==> flow/design.v <==
module data_mux_mod #(
   parameter int WD = 10
) (
   input logic CLK,
   input logic aresetn,
   input logic [WD-1:0] d0,
   input logic [WD-1:0] d1,
   input logic [WD-1:0] d2,
   input logic [WD-1:0] d3,
   input logic [WD-1:0] d4,
   input logic [WD-1:0] d5,
   input logic [WD-1:0] d6,
   input logic [WD-1:0] d7,
   input logic [WD-1:0] d8,
   input logic [WD-1:0] d9,
   input logic [3:0] s,
   output logic [WD-1:0] z_o
);
   logic [WD-1:0] d0_ff;
   always_ff @(posedge CLK) begin
      if (~aresetn) begin
         d0_ff <= '0;
      end else begin
         d0_ff <= d0;
      end
   end
   logic [WD-1:0] d1_ff;
   always_ff @(posedge CLK) begin
      if (~aresetn) begin
         d1_ff <= '0;
      end else begin
         d1_ff <= d1;
      end
   end
   logic [WD-1:0] d2_ff;
   always_ff @(posedge CLK) begin
      if (~aresetn) begin
         d2_ff <= '0;
      end else begin
         d2_ff <= d2;
      end
   end
   logic [WD-1:0] d3_ff;
   always_ff @(posedge CLK) begin
      if (~aresetn) begin
         d3_ff <= '0;
      end else begin
         d3_ff <= d3;
      end
   end
   logic [WD-1:0] d4_ff;
   always_ff @(posedge CLK) begin
      if (~aresetn) begin
         d4_ff <= '0;
      end else begin
         d4_ff <= d4;
      end
   end
   logic [WD-1:0] d5_ff;
   always_ff @(posedge CLK) begin
      if (~aresetn) begin
         d5_ff <= '0;
      end else begin
         d5_ff <= d5;
      end
   end
   logic [WD-1:0] d6_ff;
   always_ff @(posedge CLK) begin
      if (~aresetn) begin
         d6_ff <= '0;
      end else begin
         d6_ff <= d6;
      end
   end
   logic [WD-1:0] d7_ff;
   always_ff @(posedge CLK) begin
      if (~aresetn) begin
         d7_ff <= '0;
      end else begin
         d7_ff <= d7;
      end
   end
   logic [WD-1:0] d8_ff;
   always_ff @(posedge CLK) begin
      if (~aresetn) begin
         d8_ff <= '0;
      end else begin
         d8_ff <= d8;
      end
   end
   logic [WD-1:0] d9_ff;
   always_ff @(posedge CLK) begin
      if (~aresetn) begin
         d9_ff <= '0;
      end else begin
         d9_ff <= d9;
      end
   end
   logic [3:0] s_ff;
   always_ff @(posedge CLK) begin
      if (~aresetn) begin
         s_ff <= '0;
      end else begin
         s_ff <= s;
      end
   end
   logic [WD-1:0] cur;
   always_comb begin
      case (s_ff)
         0: cur = d0_ff;
         1: cur = d1_ff;
         2: cur = d2_ff;
         3: cur = d3_ff;
         4: cur = d4_ff;
         5: cur = d5_ff;
         6: cur = d6_ff;
         7: cur = d7_ff;
         8: cur = d8_ff;
         default: cur = d9_ff;
      endcase
   end
   logic [WD-1:0] z_o_ff;
   always_ff @(posedge CLK) begin
      if (~aresetn) begin
         z_o_ff <= '0;
      end else begin
         z_o_ff <= cur;
      end
   end
   assign z_o = z_o_ff;
endmodule
---- Step by step through the tools: data_mux_mod ----
Tool output for the design above, in the order of the flow.
Lines are those of the file above, counted from 1.
Library cell names are shortened.
A cell with -- has no value.
inputs
  top module .............................. data_mux_mod
  clock input ............................. CLK
  library ................................. sky130hd
  corner .................................. tt_025C_1v80

---- Elaborated design ----
Counts by Yosys on the flattened word-level netlist (proc, flatten, opt, wreduce; memories kept). Register bits leave out memories and registers merged into their read ports (data or address); mux counts leave out enables and synchronous resets folded into registers. Print and check cells are left out. Cells with the same type and inputs are merged into one.
word-level totals
  output and inout bits ................... 10
  bits of input ports ..................... 106
  cells after elaboration ................. 22
  bits in registers ....................... 114
cells by class
  reductions and logical operators ........ 1
  equality and inequality tests ........... 8
  mux-type cells .......................... 1
operators with widths
  operator                                                                count
  10-bit case mux with 9-bit select                                       1
  4-bit by 3-bit equality test with 1-bit output (second input constant)  4
  4-bit by 2-bit equality test with 1-bit output (second input constant)  2
  4-bit by 1-bit equality test with 1-bit output (second input constant)  1
  4-bit equality test (second input constant)                             1
  4-bit zero test                                                         1

---- Depth ----
Longest topological path by Yosys (ltp), each cell counted once; first at word level (registers and memories cut), then after technology mapping (sequential cells cut; the memories' decode and read muxes count).
logic depth
  depth in word-level cells ............... 2
  ABC_AREA ................................ 0
  gate-level depth with buffers ........... 7
  mapped depth without buffers ............ 4

---- Mapped cells and area ----
Source: synth_stat.txt of the flow (Yosys; design flattened, memories mapped). It holds for the ABC_AREA given above (unset counts as 0); a run with the other value may have another netlist.
cell types
  cell type  count  area in all (µm²)
  dfxtp_1    114    2.28E+03
  and2_1     106    663.136
  mux2i_1    21     210.202
  a21oi_1    20     100.096
  clkbuf_1   15     56.304
  o22ai_1    9      56.304
  or3_1      9      56.304
  o21ai_0    11     55.053
  buf_2      7      35.034
  o22a_1     4      35.034
  o21ai_1    6      30.029
  a31oi_1    4      25.024
  buf_6      2      22.522
  mux4_2     1      22.522
  nor2_1     6      22.522
  nor2b_1    3      18.768
  a211oi_1   2      15.014
  a221oi_2   1      15.014
Other cell types: 28; their cells: 37.
synthesis totals
  buffer cells ............................ 27
  flip-flop cells ......................... 114
  standard cells after synthesis .......... 378
  mapped area ............................. 0.0039813 mm²
  area of sequential cells ................ 0.0022822 mm²

---- Timing after synthesis ----
OpenSTA on the mapped netlist: ideal clock, no wires. The path of least setup slack (recovery checks aside). Input and output delay are each 20% of the period. Register names are those of the netlist, which keeps one name where synthesis merged equal registers.
timing path after synthesis
  path kind ............................... register to register
  from .................................... register s_ff[0]
  to ...................................... register z_o_ff[4]
  path delay .............................. 1.498 ns
  data required time ...................... 1.743 ns
  setup time .............................. 0.127 ns
  period .................................. 1.87 ns
  path slack .............................. 0.373 ns
  stages on the path ...................... 7
  buffers on the path ..................... 2
  time at the first pin ................... 0.000 ns
  data arrival time ....................... 1.371 ns
  period reached after synthesis .......... 1.497 ns
"path delay" = arrival - input delay + setup time.
"stages on the path" counts driving pins, that of a launching flip-flop among them; a cell with two outputs on the path counts twice.
"period reached after synthesis" = period - worst setup slack (recovery checks aside). The figure is calculated, with input and output delays left at 20% of the set period.
Between the ends stands the longest chain of elaborated cells between them, by number of cells; it is not shown to be the way that was timed. Of several equally long chains one is given.
A line is the first line of the expression or statement that the cell stems from. Yosys adds cells for indexed reads and writes and turns some case tables into memories.
on the way, after synthesis
  cell sequence ........................... dfxtp_1 -> buf_4 -> or2_1 -> buf_6 -> or3_1 -> a221oi_2 -> a31oi_1
  length of the longest elaborated chain .. 2
  elaborated cells on any way between the ends .. 10
  source lines of those cells ............. 1
  those cells by class .................... 8 x eq/ne; 1 x mux; 1 x reduce/logical
RTL lines, path after synthesis
  what                               line  RTL
  start, declared                    99    logic [3:0] s_ff;
  start, assigned                    102   s_ff <= '0;
  start, assigned                    104   s_ff <= s;
  4-bit equality test                109   case (s_ff)
  10-bit case mux with 9-bit select  109
  end, assigned                      125   z_o_ff <= '0;
  end, assigned                      127   z_o_ff <= cur;
  end, declared                      122   logic [WD-1:0] z_o_ff;

---- Worst path after layout ----
From the final timing report of flow run A: the path of least setup slack in the routed layout; clock arrival at registers is part of the times.
timing path post-layout
  path kind ............................... register to register
  from .................................... register s_ff[0]
  to ...................................... register z_o_ff[7]
  buffers on the path ..................... 0
  data arrival time ....................... 2.28 ns
  path slack .............................. 0.73 ns
  setup time .............................. 0.06 ns
  stages on the path ...................... 5
  time at the first pin ................... 0.40 ns
  data required time ...................... 3.01 ns
  period .................................. 2.67 ns
Between the ends stands the longest chain of elaborated cells between them, by number of cells; it is not shown to be the way that was timed. Of several equally long chains one is given.
on the way, post-layout
  cell sequence ........................... dfxtp_1 -> nor2b_1 -> a32oi_1 -> a31oi_1 -> o221a_1
  length of the longest elaborated chain .. 2
  elaborated cells on any way between the ends .. 10
  source lines of those cells ............. 1
  those cells by class .................... 8 x eq/ne; 1 x mux; 1 x reduce/logical
RTL lines, path post-layout
  what                               line  RTL
  start, declared                    99    logic [3:0] s_ff;
  start, assigned                    102   s_ff <= '0;
  start, assigned                    104   s_ff <= s;
  4-bit equality test                109   case (s_ff)
  10-bit case mux with 9-bit select  109
  end, assigned                      125   z_o_ff <= '0;
  end, assigned                      127   z_o_ff <= cur;
  end, declared                      122   logic [WD-1:0] z_o_ff;

Wiki page: data_mux_mod / flow data

3 stored runs of data_mux_mod in the flow (synthesis by Yosys, layout by OpenROAD, sky130hd cells), in arbitrary order. Constraints: input delay and output delay 20% of the set period each, output load 0.01 pF.
"worst setup path time" is the time allowed to the run's worst setup path (the clock period less input and output delay, where it has them) less its slack. Clock arrival times count: a late capture clock shortens it, a late launch clock lengthens it.
"power consumption" is the tool's figure for a default switching activity; nothing was simulated.

---- flow run A ----
settings
  period_ns = 2.67
  CORE_UTILIZATION = 32
  SETUP_SLACK_MARGIN = -0.03
  CELL_PAD_IN_SITES_GLOBAL_PLACEMENT = 2
  CELL_PAD_IN_SITES_DETAIL_PLACEMENT = 0
  CTS_CLUSTER_SIZE = 99
  MIN_ROUTING_LAYER = met1
  CAP_MARGIN = 20
  CORE_MARGIN = 2
  SLEW_MARGIN = 20
results
  worst setup path time ................... 1.94 ns
  worst path kind ......................... register to register
  worst setup slack after layout .......... 0.731 ns
  area of the synthesized netlist ......... 0.0039813 mm²
  total die area .......................... 0.0133495 mm²
  standard-cell area of the final layout .. 0.0058293 mm²
  power consumption ....................... 4.395 mW
  post-route worst hold slack ............. 0.512 ns

---- flow run B ----
settings
  period_ns = 1.86
  CORE_UTILIZATION = 45
  PLACE_DENSITY_LB_ADDON = 0.27
  CORE_ASPECT_RATIO = 0.88
  CELL_PAD_IN_SITES_GLOBAL_PLACEMENT = 3
  CELL_PAD_IN_SITES_DETAIL_PLACEMENT = 0
  TNS_END_PERCENT = 70
  GPL_ROUTABILITY_DRIVEN = 1
  CTS_CLUSTER_SIZE = 61
  SLEW_MARGIN = 20
  MIN_ROUTING_LAYER = met2
  MAX_ROUTING_LAYER = met4
  CAP_MARGIN = 20
  CORE_MARGIN = 2
results
  incomplete, placement halted on FLW-0024

---- flow run C ----
settings
  period_ns = 1.87
  CAP_MARGIN = 20
  CORE_MARGIN = 2
  CORE_UTILIZATION = 40
  SLEW_MARGIN = 20
results
  worst setup path time ................... 1.43 ns
  worst path kind ......................... register to output
  worst setup slack after layout .......... 0.070 ns
  area of the synthesized netlist ......... 0.0039813 mm²
  total die area .......................... 0.0107672 mm²
  standard-cell area of the final layout .. 0.0059444 mm²
  power consumption ....................... 6.661 mW
  post-route worst hold slack ............. 0.415 ns
